==> flow/design.v <==
module my_reg_file_mod_entry #(parameter N = 8) (
  input wire clk,
  input wire en,
  input wire [N-1:0] d,
  output reg [N-1:0] q
);
  always @(posedge clk)
    if (en) q <= d;
endmodule
module my_reg_file_mod (aclk, rst_i, wr_en, wa, wdata, rsel, rdata);
  parameter WORDS = 64;
  parameter WIDTH = 6;
  parameter NUM_RD = 3;
  localparam ADDR_W = $clog2(WORDS);
  input aclk;
  input rst_i;
  input wr_en;
  input [ADDR_W-1:0] wa;
  input [WIDTH-1:0] wdata;
  input [NUM_RD*ADDR_W-1:0] rsel;
  output [NUM_RD*WIDTH-1:0] rdata;
  reg wr_en_r;
  reg [ADDR_W-1:0] wa_r;
  reg [WIDTH-1:0] wdata_r;
  always @(posedge aclk) begin
    if (rst_i) begin
      wr_en_r <= 1'b0;
      wa_r <= 0;
      wdata_r <= 0;
    end else begin
      wr_en_r <= wr_en;
      wa_r <= wa;
      wdata_r <= wdata;
    end
  end
  wire [WORDS*WIDTH-1:0] store;
  genvar i;
  generate
    for (i = 0; i < WORDS; i = i + 1) begin : blk
      my_reg_file_mod_entry #(.N(WIDTH)) u (.clk(aclk), .en(wr_en_r && wa_r == i), .d(wdata_r), .q(store[i*WIDTH +: WIDTH]));
    end
  endgenerate
  reg [NUM_RD*ADDR_W-1:0] rsel_r;
  always @(posedge aclk) begin
    if (rst_i) begin
      rsel_r <= 0;
    end else begin
      rsel_r <= rsel;
    end
  end
  wire [NUM_RD*WIDTH-1:0] work;
  genvar j;
  generate
    for (j = 0; j < NUM_RD; j = j + 1) begin : each
      assign work[j*WIDTH +: WIDTH] = store[rsel_r[j*ADDR_W +: ADDR_W]*WIDTH +: WIDTH];
    end
  endgenerate
  reg [NUM_RD*WIDTH-1:0] rdata_r;
  always @(posedge aclk) begin
    if (rst_i) begin
      rdata_r <= 0;
    end else begin
      rdata_r <= work;
    end
  end
  assign rdata = rdata_r;
endmodule
From RTL to reports: my_reg_file_mod
The steps from the RTL of my_reg_file_mod to its reports follow in flow order. Line numbers count from 1 in the design file above. Library cell names are shortened. A cell with - has no value.

Top: my_reg_file_mod. Clock port: aclk. Standard-cell library: sky130hd. Timing corner: tt_025C_1v80.

Word-level counts
Counts by Yosys on the flattened word-level netlist (proc, flatten, opt, wreduce; memories kept). Register bits leave out memories and registers merged into their read ports (data or address); mux counts leave out enables and synchronous resets folded into registers. Print and check cells are left out. Cells with the same type and inputs are merged into one.

The entry for register bits reads 433. For output and inout bits the number is 18. For clocked read ports x word width the number is 0. Under input port bits stands 33. Bits in latches: 0. Memory bits (writable): 0. For memory cells the number is 0. Under memory bits (read-only) stands 0. Under cells after elaboration stands 203.

The figure for $lt $le $gt $ge is 0. Eq/ne operators: 63. The entry for $add $sub $neg reads 0. The figure for multiply operators is 3. The entry for multiplexer cells reads 0. Under div/mod/pow operators stands 0. For reduce/logical cells the number is 65. The entry for bitwise gates (word level) reads 0. Under shift-type cells stands 3.

Operators by type and width (number): indexed select 384 x 10 -> 6 bit (3); equality test 6 bit with constant B (32); equality test 6 x 5 -> 1 bit with constant B (16); logical AND 1 bit (64); multiplier 6 x 2 -> 8 bit with constant B (3); equality test 6 x 4 -> 1 bit with constant B (8); equality test 6 x 3 -> 1 bit with constant B (4); equality test 6 x 2 -> 1 bit with constant B (2); equality test 6 x 1 -> 1 bit with constant B (1); zero test 6 bit (1).

Logic depth
Longest topological path by Yosys (ltp), each cell counted once; first at word level (registers and memories cut), then after technology mapping (sequential cells cut; the memories' decode and read muxes count).

The entry for depth in word-level cells reads 2. Under ABC_AREA stands 0. The figure for gate-level depth with buffers is 9. The figure for gate-level depth less buffers is 5.

Mapped cells and area
The flow's flattened synthesis, as Yosys stat reports it; memories are mapped. The netlist is that of the ABC_AREA named above (0 if unset); the other value can give another one. Totals and module areas in this step are rounded.

The entry for flip-flop cells reads 433. Under area of sequential cells stands 0.0125 mm^2. For cells in the netlist the number is 1305. The figure for buffers is 108. Under chip area (Yosys) stands 0.0226 mm^2.

Cells by type: edfxtp_1 (number 384, area in all 1.15E+04 um^2); mux4_2 (number 285, area in all 6.42E+03 um^2); dfxtp_1 (number 49, area in all 980.941 um^2); mux2i_1 (number 43, area in all 430.413 um^2); nor2_1 (number 91, area in all 341.578 um^2); nor2b_1 (number 53, area in all 331.568 um^2); o22ai_1 (number 33, area in all 206.448 um^2); buf_4 (number 26, area in all 195.187 um^2); mux2_2 (number 14, area in all 157.651 um^2); buf_2 (number 30, area in all 150.144 um^2); clkbuf_1 (number 37, area in all 138.883 um^2); buf_6 (number 12, area in all 135.13 um^2); nor3_1 (number 27, area in all 135.13 um^2); nand3_1 (number 22, area in all 110.106 um^2); nand2_1 (number 29, area in all 108.854 um^2); a22oi_1 (number 13, area in all 97.594 um^2); nand2b_1 (number 13, area in all 81.328 um^2); a2111oi_0 (number 8, area in all 70.067 um^2).

Other cell types: 38; their cells: 136. The figures by module come from a second, unflattened synthesis with its own total; it is not the netlist above.

Cells (unflattened synthesis): 1252. The figure for area total of the unflattened synthesis is 0.0228 mm^2.

Rows give one instance, submodules left out.

Modules: my_reg_file_mod_entry (N=6) (seq. area 0.00018 mm^2, area 0.00018 mm^2, cells 6, times used 64); my_reg_file_mod (seq. area 0.000981 mm^2, area 0.0113 mm^2, cells 868, times used 1).

Timing after synthesis
Source: OpenSTA report_checks on the synthesized netlist (no wires, ideal clock, input and output delay 20% of the period each), path of least setup slack; recovery checks are left aside. Register names are those of the netlist, which keeps one name where synthesis merged equal registers.

Kind: register to register. From: register rsel_r[6]. To: register rdata_r[10]. For delay of the path the number is 2.022 ns. Under launch time at the first pin stands 0.000 ns. The figure for setup time is 0.120 ns. Under arrival time stands 1.902 ns. For driving pins on the path the number is 8. Period: 2.53 ns. The figure for required time is 2.410 ns. Setup slack: 0.508 ns. Under path buffers stands 3. The figure for synthesis period reached is 2.022 ns.

"delay of the path" is the arrival time less input delay plus setup time. "driving pins on the path": output pins that drive a net of the path, with the launching flip-flop's if there is one; two outputs of one cell count as two. "synthesis period reached" = period - worst setup slack (recovery checks aside). The figure is calculated, with input and output delays left at 20% of the set period. Between the ends stands the longest chain of elaborated cells between them, by number of cells; it is not shown to be the way that was timed. Of several equally long chains one is given. A line is the first line of the expression or statement that the cell stems from. Yosys adds cells for indexed reads and writes and turns some case tables into memories.

Path through: dfxtp_1 -> buf_6 -> buf_6 -> buf_6 -> mux4_2 -> a22oi_1 -> nand4_1 -> a211o_1. The figure for length of the longest elaborated chain is 2. The figure for elaborated cells between the ends (all ways) is 2. The figure for source lines of those cells is 1. Classes of those cells: mul: 1; shift: 1.

Ends and longest elaborated chain, post-synthesis: start: declaration (line 43) `reg [NUM_RD*ADDR_W-1:0] rsel_r;`; start: assignment (line 46) `rsel_r <= 0;`; start: assignment (line 48) `rsel_r <= rsel;`; multiplier 6 x 2 -> 8 bit (line 55) `assign work[j*WIDTH +: WIDTH] = store[rsel_r[j*ADDR_W +: ADDR_W]*WIDTH +: WIDTH];`; indexed select 384 x 10 -> 6 bit (line 55); end: assignment (line 61) `rdata_r <= 0;`; end: assignment (line 63) `rdata_r <= work;`; end: declaration (line 58) `reg [NUM_RD*WIDTH-1:0] rdata_r;`.

Timing after layout
From the final timing report of record 1: the path of least setup slack in the routed layout; clock arrival at registers is part of the times.

Kind: register to register. From: register rsel_r[1]. To: register rdata_r[1]. Under path buffers stands 2. The figure for required time is 2.99 ns. The figure for setup time is 0.13 ns. Setup slack: 0.06 ns. Under launch time at the first pin stands 0.59 ns. Period: 2.53 ns. For driving pins on the path the number is 7. Under arrival time stands 2.93 ns.

Between the ends stands the longest chain of elaborated cells between them, by number of cells; it is not shown to be the way that was timed. Of several equally long chains one is given.

Path through: dfxtp_4 -> buf_12 -> mux4_2 -> nor2b_1 -> a2111oi_1 -> buf_4 -> o41ai_1. The figure for length of the longest elaborated chain is 2. The figure for elaborated cells between the ends (all ways) is 2. The figure for source lines of those cells is 1. Classes of those cells: mul: 1; shift: 1.

Ends and longest elaborated chain, after layout: start: declaration (line 43) `reg [NUM_RD*ADDR_W-1:0] rsel_r;`; start: assignment (line 46) `rsel_r <= 0;`; start: assignment (line 48) `rsel_r <= rsel;`; multiplier 6 x 2 -> 8 bit (line 55) `assign work[j*WIDTH +: WIDTH] = store[rsel_r[j*ADDR_W +: ADDR_W]*WIDTH +: WIDTH];`; indexed select 384 x 10 -> 6 bit (line 55); end: assignment (line 61) `rdata_r <= 0;`; end: assignment (line 63) `rdata_r <= work;`; end: declaration (line 58) `reg [NUM_RD*WIDTH-1:0] rdata_r;`.

FLOW RESULTS
============

Measured results for my_reg_file_mod: 3 stored runs of the Yosys and OpenROAD flow on sky130hd. The settings differ; the order carries no meaning. The constraints put input and output delay at 20% of the set period each and load the outputs with 0.01 pF. "achieved clock period" is the run's clock period less its worst setup slack. It is reckoned from that one timing run; input and output delays stay at 20% of the period that was set. "critical path time" = time allowed to the worst setup path (clock period - input delay - output delay, where it has them) - its slack; a late launch clock adds to it, a late capture clock takes from it. "power" rests on the timing tool's default activity at the inputs, not on a simulated workload. Results are given in rounded form.

Files of record 1:
==> flow/run.sh <==
#!/bin/bash
# the make line also repeats the synthesis and layout settings of config.mk as NAME=value (left out here)
make -C /OpenROAD-flow-scripts/flow DESIGN_CONFIG=/design/flow/config.mk WORK_HOME=/design/flow/orfs CLKGATE_MAP_FILE= finish
==> flow/config.mk <==
export PLATFORM = sky130hd
export DESIGN_NAME = my_reg_file_mod
export DESIGN_NICKNAME = my_reg_file_mod
export VERILOG_FILES = /design/flow/design.v
export SDC_FILE = /design/flow/constraint.sdc
export NUM_CORES = 4
export LEC_CHECK = 0
export CAP_MARGIN = 20
export CORE_MARGIN = 2
export CORE_UTILIZATION = 40
export SLEW_MARGIN = 20
==> flow/constraint.sdc <==
create_clock -name core_clock -period 2.53 [get_ports {aclk}]
set_input_delay 0.5060 -clock core_clock [delete_from_list [all_inputs] [get_ports {aclk}]]
set_output_delay 0.5060 -clock core_clock [all_outputs]
set_load 0.01 [all_outputs]

Results of record 1. The power reads 0.0168 W. For the area inside the die boundary the run shows 0.0584 mm^2. The utilization after routing reads 47.6%. For the smallest hold slack the run shows 0.441 ns. The smallest setup slack stands at 0.059 ns. The setup TNS reads 0.000 ns. The standard-cell area of the final layout reads 0.0267 mm^2. The cell area after synthesis reads 0.0226 mm^2. For the achieved clock period the run shows 2.471 ns. The critical path time comes to 2.47 ns. Worst path kind: register to register.

Files of record 2:
==> flow/run.sh <==
#!/bin/bash
# the make line also repeats the synthesis and layout settings of config.mk as NAME=value (left out here)
make -C /OpenROAD-flow-scripts/flow DESIGN_CONFIG=/design/flow/config.mk WORK_HOME=/design/flow/orfs CLKGATE_MAP_FILE= finish
==> flow/config.mk <==
export PLATFORM = sky130hd
export DESIGN_NAME = my_reg_file_mod
export DESIGN_NICKNAME = my_reg_file_mod
export VERILOG_FILES = /design/flow/design.v
export SDC_FILE = /design/flow/constraint.sdc
export NUM_CORES = 4
export LEC_CHECK = 0
export ABC_AREA = 1
export CAP_MARGIN = 20
export CORE_ASPECT_RATIO = 0.8
export CORE_MARGIN = 3
export CORE_UTILIZATION = 69
export CTS_CLUSTER_SIZE = 93
export MAX_ROUTING_LAYER = met5
export PLACE_DENSITY = 0.85
export SETUP_SLACK_MARGIN = 0.6
export SLEW_MARGIN = 20
==> flow/constraint.sdc <==
create_clock -name core_clock -period 3.35 [get_ports {aclk}]
set_input_delay 0.6700 -clock core_clock [delete_from_list [all_inputs] [get_ports {aclk}]]
set_output_delay 0.6700 -clock core_clock [all_outputs]
set_load 0.01 [all_outputs]

Results of record 2. The power reads 0.0128 W. For the area inside the die boundary the run shows 0.0383 mm^2. The utilization after routing reads 76.2%. For the smallest hold slack the run shows 0.616 ns. The smallest setup slack stands at 0.734 ns. The setup TNS reads 0.000 ns. The standard-cell area of the final layout reads 0.0268 mm^2. The cell area after synthesis reads 0.0248 mm^2. For the achieved clock period the run shows 2.616 ns. The critical path time comes to 2.62 ns. Worst path kind: register to register.

Files of record 3:
==> flow/run.sh <==
#!/bin/bash
# the make line also repeats the synthesis and layout settings of config.mk as NAME=value (left out here)
make -C /OpenROAD-flow-scripts/flow DESIGN_CONFIG=/design/flow/config.mk WORK_HOME=/design/flow/orfs CLKGATE_MAP_FILE= finish
==> flow/config.mk <==
export PLATFORM = sky130hd
export DESIGN_NAME = my_reg_file_mod
export DESIGN_NICKNAME = my_reg_file_mod
export VERILOG_FILES = /design/flow/design.v
export SDC_FILE = /design/flow/constraint.sdc
export NUM_CORES = 4
export LEC_CHECK = 0
export ABC_AREA = 1
export CAP_MARGIN = 35
export CORE_ASPECT_RATIO = 2.0
export CORE_MARGIN = 6
export CORE_UTILIZATION = 59
export CTS_CLUSTER_SIZE = 21
export GPL_ROUTABILITY_DRIVEN = 1
export GPL_TIMING_DRIVEN = 0
export MIN_ROUTING_LAYER = met2
export PLACE_DENSITY_LB_ADDON = 0.19
export SLEW_MARGIN = 20
==> flow/constraint.sdc <==
create_clock -name core_clock -period 2.27 [get_ports {aclk}]
set_input_delay 0.4540 -clock core_clock [delete_from_list [all_inputs] [get_ports {aclk}]]
set_output_delay 0.4540 -clock core_clock [all_outputs]
set_load 0.01 [all_outputs]

Outcome of record 3: incomplete, routing halted on GRT-0116.
